==> flow/design.v <==
module alu_times_top (clock, lhs, rhs, result);
   parameter XLEN = 24;
   parameter WB = 2;
   input clock;
   input [XLEN-1:0] lhs;
   input [WB-1:0] rhs;
   output [XLEN+WB-1:0] result;
   reg [XLEN-1:0] lhs_ff;
   reg [WB-1:0] rhs_ff;
   always @(posedge clock) begin
      lhs_ff <= lhs;
      rhs_ff <= rhs;
   end
   assign result = lhs_ff * rhs_ff;
endmodule
-- Step by step through the tools: alu_times_top
What the tools print for alu_times_top, step after step.
Lines are those of the file above, counted from 1.
Cell names lack the library's common part.
The mark n/a stands for no value.
- top module: alu_times_top
- clock input: clock
- standard-cell library: sky130hd
- timing corner: tt_025C_1v80

-- Word-level counts
Yosys after proc, flatten, opt, wreduce and memory -nomap, before mapping. Enables and synchronous resets that opt folds into registers are not counted as muxes. Memory bits, and registers merged into a memory's read port (data or address), are not among the register bits. Print and check cells are not counted. Equal cells are merged and count once.
- register bits after elaboration: 26
- noted bits of input ports: 27
- word-level cells at 3
- $mul: 1
- operators by type and width (kind ; count):
    multiplier 24 x 2 -> 26 bit ; 1

-- Longest topological paths
Depth = most cells in a row (Yosys ltp): at word level without a register or memory, in the mapped netlist without a sequential cell, where the memories' decode and read muxes count.
- depth in word-level cells at 1
- ABC_AREA: 0
- mapped depth at 11
- noted gate-level depth less buffers: 10

-- After synthesis
The flow's flattened synthesis, as Yosys stat reports it; memories are mapped. The netlist is that of the ABC_AREA named above (0 if unset); the other value can give another one.
The area totals of this step are shown rounded.
- cell types (type ; count):
    dfxtp_1 ; 26
    and2_1 ; 48
    ha_1 ; 23
    xnor2_1 ; 13
    a21oi_1 ; 16
    xor2_1 ; 8
    a21o_1 ; 9
    nand2_1 ; 14
    o21ai_0 ; 9
    a31oi_1 ; 5
    nand3_1 ; 6
    a21oi_2 ; 3
    a211oi_2 ; 2
    fa_1 ; 1
    o211a_1 ; 2
    nor2_1 ; 5
    a211oi_1 ; 2
    a221oi_2 ; 1
Other cell types: 24; their cells: 34.
- sequential area at 520 µm²
- noted flip-flop cells: 26
- noted cell area after synthesis: 1970 µm²
- cells in the netlist at 227

-- Timing after synthesis
Path of least setup slack by OpenSTA after synthesis, without wires, with an ideal clock, recovery checks aside; 20% of the period is set as input and as output delay. Where synthesis merged equal registers, the netlist keeps one of their names.
- path type: register -> output
- from: reg rhs_ff[0]
- to: out result[23]
- data required time at 3320 ps
- delay of the path at 2657 ps
- buffers on the path at 1
- driving pins on the path at 12
- launch time at the first pin at 0 ps
- arrival time: 2657 ps
- slack at 663 ps
- noted period: 4150 ps
- noted synthesis period reached: 3487 ps
"delay of the path" = arrival - input delay + setup time.
A path that ends at an output port has no setup time.
"driving pins on the path" counts driving pins, that of a launching flip-flop among them; a cell with two outputs on the path counts twice.
"synthesis period reached" is the clock period less the worst setup slack; recovery checks do not enter. This is arithmetic on one report: input and output delays are still those of the set period (20% each).
Between the ends stands the longest chain of elaborated cells between them, by number of cells; it is not shown to be the way that was timed. Of several equally long chains one is given.
A line is the first line of the expression or statement that the cell stems from. Yosys adds cells for indexed reads and writes and turns some case tables into memories.
- cells stage by stage: dfxtp_1 clkbuf_1 and2_1 ha_1 fa_1 a21oi_1 o22ai_1 o31ai_2 o21ai_2 a221oi_2 o21bai_2 a211oi_2
- noted cells in the longest elaborated chain: 1
- elaborated cells between the ends (all ways): 1
- those cells by class: mul: 1
- RTL lines, path after synthesis (item ; RTL line ; RTL):
    start, declared ; 9 ; reg [WB-1:0] rhs_ff;
    start, assigned ; 12 ; rhs_ff <= rhs;
    multiplier 24 x 2 -> 26 bit ; 14 ; assign result = lhs_ff * rhs_ff;
    end, declared ; 7 ; output [XLEN+WB-1:0] result;

-- Timing after layout
From the final timing report of flow run A: the path of least setup slack in the routed layout; clock arrival at registers is part of the times.
The report prints the path's times to 10 ps; the period is as set.
- path type: register -> output
- from: reg rhs_ff[0]
- to: out result[19]
- buffers on the path at 3
- launch time at the first pin at 260 ps
- arrival time: 3170 ps
- driving pins on the path at 12
- slack at 150 ps
- data required time at 3320 ps
- noted period: 4150 ps
Between the ends stands the longest chain of elaborated cells between them, by number of cells; it is not shown to be the way that was timed. Of several equally long chains one is given.
- cells stage by stage: dfxtp_1 buf_4 and2_1 ha_1 nand2_1 a32oi_1 o31ai_2 buf_4 or4_1 nand3_1 xor2_1 clkdlybuf4s50_1
- noted cells in the longest elaborated chain: 1
- elaborated cells between the ends (all ways): 1
- those cells by class: mul: 1
- RTL lines, path after layout (item ; RTL line ; RTL):
    start, declared ; 9 ; reg [WB-1:0] rhs_ff;
    start, assigned ; 12 ; rhs_ff <= rhs;
    multiplier 24 x 2 -> 26 bit ; 14 ; assign result = lhs_ff * rhs_ff;
    end, declared ; 7 ; output [XLEN+WB-1:0] result;

FLOW RESULTS
============

Settings and measured results of 3 stored flow runs for module alu_times_top (sky130hd), not sorted in any way. The constraints put input and output delay at 20% of the set period each and load the outputs with 0.01 pF.
"achieved clock period": clock period set for the run, less the worst setup slack. It is reckoned from that one timing run; input and output delays stay at 20% of the period that was set.
"critical setup path time" is the time allowed to the run's worst setup path (the clock period less input and output delay, where it has them) less its slack. Clock arrival times count: a late capture clock shortens it, a late launch clock lengthens it.
By "total design power" is meant OpenSTA's value without simulated activity: inputs other than the clock are taken to toggle once in ten clock periods, and the tool carries that through the logic.
"critical setup path time" is given in steps of 10 ps.
The measured numbers are rounded.

Flow run A
Settings were period_ns = 4.15; CAP_MARGIN = 20; CORE_MARGIN = 2; CORE_UTILIZATION = 40; SLEW_MARGIN = 20
- total negative setup slack: 0 ps
- die size: 5490 µm²
- noted the post-layout utilization: 57.4 %
- setup slack of the critical path: 148 ps
- standard-cell area after layout at 2710 µm²
- achieved clock period at 4002 ps
- final worst hold slack at 999 ps
- critical setup path time at 3170 ps
- worst setup path type: register -> output
- noted the total design power: 0.000739 W
- cell area after synthesis: 1970 µm²

Flow run B
Settings were period_ns = 3.18; CORE_UTILIZATION = 25; SETUP_SLACK_MARGIN = -0.1; PLACE_DENSITY_LB_ADDON = 0.25; GPL_TIMING_DRIVEN = 1; CTS_CLUSTER_DIAMETER = 313; SLEW_MARGIN = 10; MAX_ROUTING_LAYER = met4; CAP_MARGIN = 20; CORE_MARGIN = 2
- cell area after synthesis: 1970 µm²
- final worst hold slack at 808 ps
- noted the post-layout utilization: 42.8 %
- standard-cell area after layout at 3290 µm²
- die size: 8590 µm²
- achieved clock period at 3338 ps
- noted the total design power: 0.000966 W
- total negative setup slack: -599 ps
- critical setup path time at 2700 ps
- worst setup path type: register -> output
- setup slack of the critical path: -158 ps

Flow run C
Settings were period_ns = 3.2; CORE_UTILIZATION = 63; SETUP_SLACK_MARGIN = 0.21; PLACE_DENSITY_LB_ADDON = 0.03; CELL_PAD_IN_SITES_DETAIL_PLACEMENT = 2; CTS_CLUSTER_SIZE = 77; MAX_ROUTING_LAYER = met5; CAP_MARGIN = 20; CORE_MARGIN = 2; SLEW_MARGIN = 20
- no final report: placement broke off with a tool error
